==> flow/design.v <==
module multiplier #(
  parameter integer DW = 18
) (
  input sys_clk,
  input aresetn,
  input [DW-1:0] i_src1,
  input [DW-1:0] i_src2,
  input [2*DW-1:0] i_src3,
  output [2*DW:0] o_p
);
  reg [2*DW:0] p_reg;
  always @(posedge sys_clk) begin
    if (~aresetn) begin
      p_reg <= 0;
    end else begin
      p_reg <= i_src1 * i_src2 + i_src3;
    end
  end
  assign o_p = p_reg;
endmodule
==> Tool chain data of multiplier <==
Tool output for the design above, in the order of the flow.
Line numbers count from 1 in the design file above.
Operators carry their Yosys type and port widths (W data, S select, Z words).
Cell names lack the library's common part.
{ "setup": {"top": "multiplier", "clock": "sys_clk", "lib": "sky130hd", "lib_corner": "tt_025C_1v80"} }

==> After elaboration <==
Yosys after proc, flatten, opt, wreduce and memory -nomap, before mapping. Enables and synchronous resets that opt folds into registers are not counted as muxes. Memory bits, and registers merged into a memory's read port (data or address), are not among the register bits. Print and check cells are not counted. Equal cells are merged and count once.
{ "op_classes": {"add_sub_neg": 1, "multipliers": 1} }
{ "op_table": {"columns": ["op", "count"], "rows": [
  ["$mul A18 B18 Y36", 1],
  ["$add A36 B36 Y37", 1]
]} }
{ "word_totals": {"regBits": 37, "elab_cells": 3, "input_bits": 74, "output_inout_bits": 37} }

==> Logic depth <==
Longest topological path by Yosys (ltp), each cell counted once; first at word level (registers and memories cut), then after technology mapping (sequential cells cut; the memories' decode and read muxes count).
{ "depth": {"word_depth": 2, "ABC_AREA": 0, "depth_mapped": 23, "depth_no_buf": 21} }

==> After synthesis <==
Yosys stat after the flow's synthesis: flattened, memories mapped to cells. It holds for the ABC_AREA given above (unset counts as 0); a run with the other value may have another netlist.
Totals and module areas in this step are rounded.
{ "synth_totals": {"sequential_area_um2": 741, "mapped_area_um2": 13000, "stdcells": 1488, "flip_flops": 37, "n_buf": 53} }
{ "by_type": {"columns": ["cell", "count", "area_total_um2"], "rows": [
  ["fa_1", 290, 5.81E+03],
  ["inv_1", 415, 1.56E+03],
  ["ha_1", 116, 1.45E+03],
  ["and2_1", 191, 1.19E+03],
  ["dfxtp_1", 37, 740.71],
  ["nand2_1", 164, 615.59],
  ["clkbuf_1", 50, 187.68],
  ["a21oi_1", 37, 185.178],
  ["a21o_1", 21, 157.651],
  ["nor2_1", 33, 123.869],
  ["xnor2_1", 10, 87.584],
  ["o21ai_0", 16, 80.077],
  ["xor2_1", 9, 78.826],
  ["mux2i_1", 7, 70.067],
  ["nand3_1", 12, 60.058],
  ["nand2b_1", 8, 50.048],
  ["nand4_1", 7, 43.792],
  ["o21a_1", 5, 37.536]
]} }
Other cell types: 33; their cells: 60.

==> Worst setup path after synthesis <==
Source: OpenSTA report_checks on the synthesized netlist (no wires, ideal clock, input and output delay 20% of the period each), path of least setup slack; recovery checks are left aside. Register names are those of the netlist, which keeps one name where synthesis merged equal registers.
{ "synth_path": {"kind": "input-to-reg", "start": "input i_src2[11]", "end": "register p_reg[32]", "path_stages": 23, "period_ns": 8.53, "t_required_ns": 8.458, "t_first_pin_ns": 1.706, "slack_ns": 1.365, "setup_ns": 0.072, "arrival_ns": 7.093, "path_delay_ns": 5.459, "in_delay_ns": 1.706, "n_path_buf": 3, "synth_period_reached_ns": 7.165} }
"path_delay_ns" is the arrival time less input delay plus setup time.
"path_stages" counts driving pins, that of a launching flip-flop among them; a cell with two outputs on the path counts twice.
"synth_period_reached_ns" is the clock period less the worst setup slack; recovery checks do not enter. This is arithmetic on one report: input and output delays are still those of the set period (20% each).
Between the ends stands the longest chain of elaborated cells between them, by number of cells; it is not shown to be the way that was timed. Of several equally long chains one is given.
A line is the first line of the expression or statement that the cell stems from. Yosys adds cells for indexed reads and writes and turns some case tables into memories.
{ "synth_via": {"path_cell_list": "clkbuf_1 > clkbuf_1 > nand2_1 > fa_1 > inv_1 > fa_1 > inv_1 > fa_1 > inv_1 > fa_1 > fa_1 > inv_1 > fa_1 > inv_1 > ha_1 > buf_2 > nand3_1 > inv_1 > a221o_1 > a21o_1 > a41o_1 > a31oi_1 > mux2i_1", "elab_chain_cells": 2, "cells_between": 2, "cone_lines": 1, "classes_between": "add/sub (1); mul (1)"} }
{ "synth_rtl": {"columns": ["item", "line_no", "rtl"], "rows": [
  ["from (decl)", 7, "input [DW-1:0] i_src2,"],
  ["$mul A18 B18 Y36", 16, "p_reg <= i_src1 * i_src2 + i_src3;"],
  ["$add A36 B36 Y37", 16, null],
  ["to (assign)", 14, "p_reg <= 0;"],
  ["to (assign)", 16, null],
  ["to (decl)", 11, "reg [2*DW:0] p_reg;"]
]} }

==> Worst path after layout <==
Path of least setup slack in the final report of run 1 (OpenROAD, finished layout, wires in). Where an end is a register, its clock arrival counts in the times.
{ "layout_path": {"kind": "input-to-reg", "start": "input i_src2[3]", "end": "register p_reg[36]", "n_path_buf": 2, "arrival_ns": 8.27, "slack_ns": -0.25, "t_required_ns": 8.03, "in_delay_ns": 1.57, "path_stages": 19, "period_ns": 7.84, "setup_ns": 0.10, "t_first_pin_ns": 1.57} }
Between the ends stands the longest chain of elaborated cells between them, by number of cells; it is not shown to be the way that was timed. Of several equally long chains one is given.
{ "layout_via": {"path_cell_list": "clkdlybuf4s50_1 > nand2_1 > fa_1 > fa_1 > fa_1 > inv_1 > fa_1 > fa_1 > inv_1 > fa_1 > inv_1 > ha_1 > buf_2 > nand2_1 > o21ai_0 > o21ai_0 > o31ai_4 > a21oi_2 > o311ai_1", "elab_chain_cells": 2, "cells_between": 2, "cone_lines": 1, "classes_between": "add/sub (1); mul (1)"} }
{ "layout_rtl": {"columns": ["item", "line_no", "rtl"], "rows": [
  ["from (decl)", 7, "input [DW-1:0] i_src2,"],
  ["$mul A18 B18 Y36", 16, "p_reg <= i_src1 * i_src2 + i_src3;"],
  ["$add A36 B36 Y37", 16, null],
  ["to (assign)", 14, "p_reg <= 0;"],
  ["to (assign)", 16, null],
  ["to (decl)", 11, "reg [2*DW:0] p_reg;"]
]} }

Hand-over note for multiplier

Flow measurements of multiplier on sky130hd: 3 stored runs with different settings, listed in no order. Input and output delays are each 20% of the period that was set; the output load is 0.01 pF.
By "achieved_period_ns" is meant the clock period of the run minus its worst setup slack. This is arithmetic on one report: input and output delays are still those of the set period (20% each).
"critical_path_time_ns" is the time allowed to the run's worst setup path (the clock period less input and output delay, where it has them) less its slack. Clock arrival times count: a late capture clock shortens it, a late launch clock lengthens it.
Measured values are rounded.
[
  {
    "run": "run 1",
    "settings": { "period_ns": 7.84, "CORE_UTILIZATION": 24, "SETUP_SLACK_MARGIN": -0.56, "PLACE_DENSITY_LB_ADDON": 0.21, "CORE_ASPECT_RATIO": 0.88, "CORE_MARGIN": 10, "CELL_PAD_IN_SITES_GLOBAL_PLACEMENT": 2, "GPL_TIMING_DRIVEN": 0, "GPL_ROUTABILITY_DRIVEN": 0, "CTS_CLUSTER_DIAMETER": 113, "CAP_MARGIN": 5, "SLEW_MARGIN": 20 },
    "results": { "fin_ws_ns": -0.245, "cell_area_final_um2": 15100, "dieArea_um2": 64000, "ws_hold_ns": 2.00, "fin_tns_ns": -1.91, "post_route_util_pct": 28.0, "critical_path_time_ns": 6.52, "worst_setup_path_type": "input-to-reg", "achieved_period_ns": 8.085, "yosys.chip_area_um2": 13000 }
  },
  {
    "run": "run 2",
    "settings": { "period_ns": 8.53, "CAP_MARGIN": 20, "CORE_MARGIN": 2, "CORE_UTILIZATION": 40, "SLEW_MARGIN": 20 },
    "results": { "fin_ws_ns": 0.508, "cell_area_final_um2": 14900, "dieArea_um2": 34000, "ws_hold_ns": 2.17, "fin_tns_ns": 0.000, "post_route_util_pct": 46.1, "critical_path_time_ns": 6.32, "worst_setup_path_type": "input-to-reg", "achieved_period_ns": 8.022, "yosys.chip_area_um2": 13000 }
  },
  {
    "run": "run 3",
    "settings": { "period_ns": 8.43, "CORE_UTILIZATION": 51, "SETUP_SLACK_MARGIN": 0.64, "PLACE_DENSITY": 0.91, "CELL_PAD_IN_SITES_DETAIL_PLACEMENT": 0, "MAX_ROUTING_LAYER": "met5", "CAP_MARGIN": 20, "CORE_MARGIN": 2, "SLEW_MARGIN": 20 },
    "results": { "fin_ws_ns": 0.883, "cell_area_final_um2": 14800, "dieArea_um2": 26800, "ws_hold_ns": 2.14, "fin_tns_ns": 0.000, "post_route_util_pct": 58.9, "critical_path_time_ns": 5.86, "worst_setup_path_type": "input-to-reg", "achieved_period_ns": 7.547, "yosys.chip_area_um2": 13000 }
  }
]

End of note.
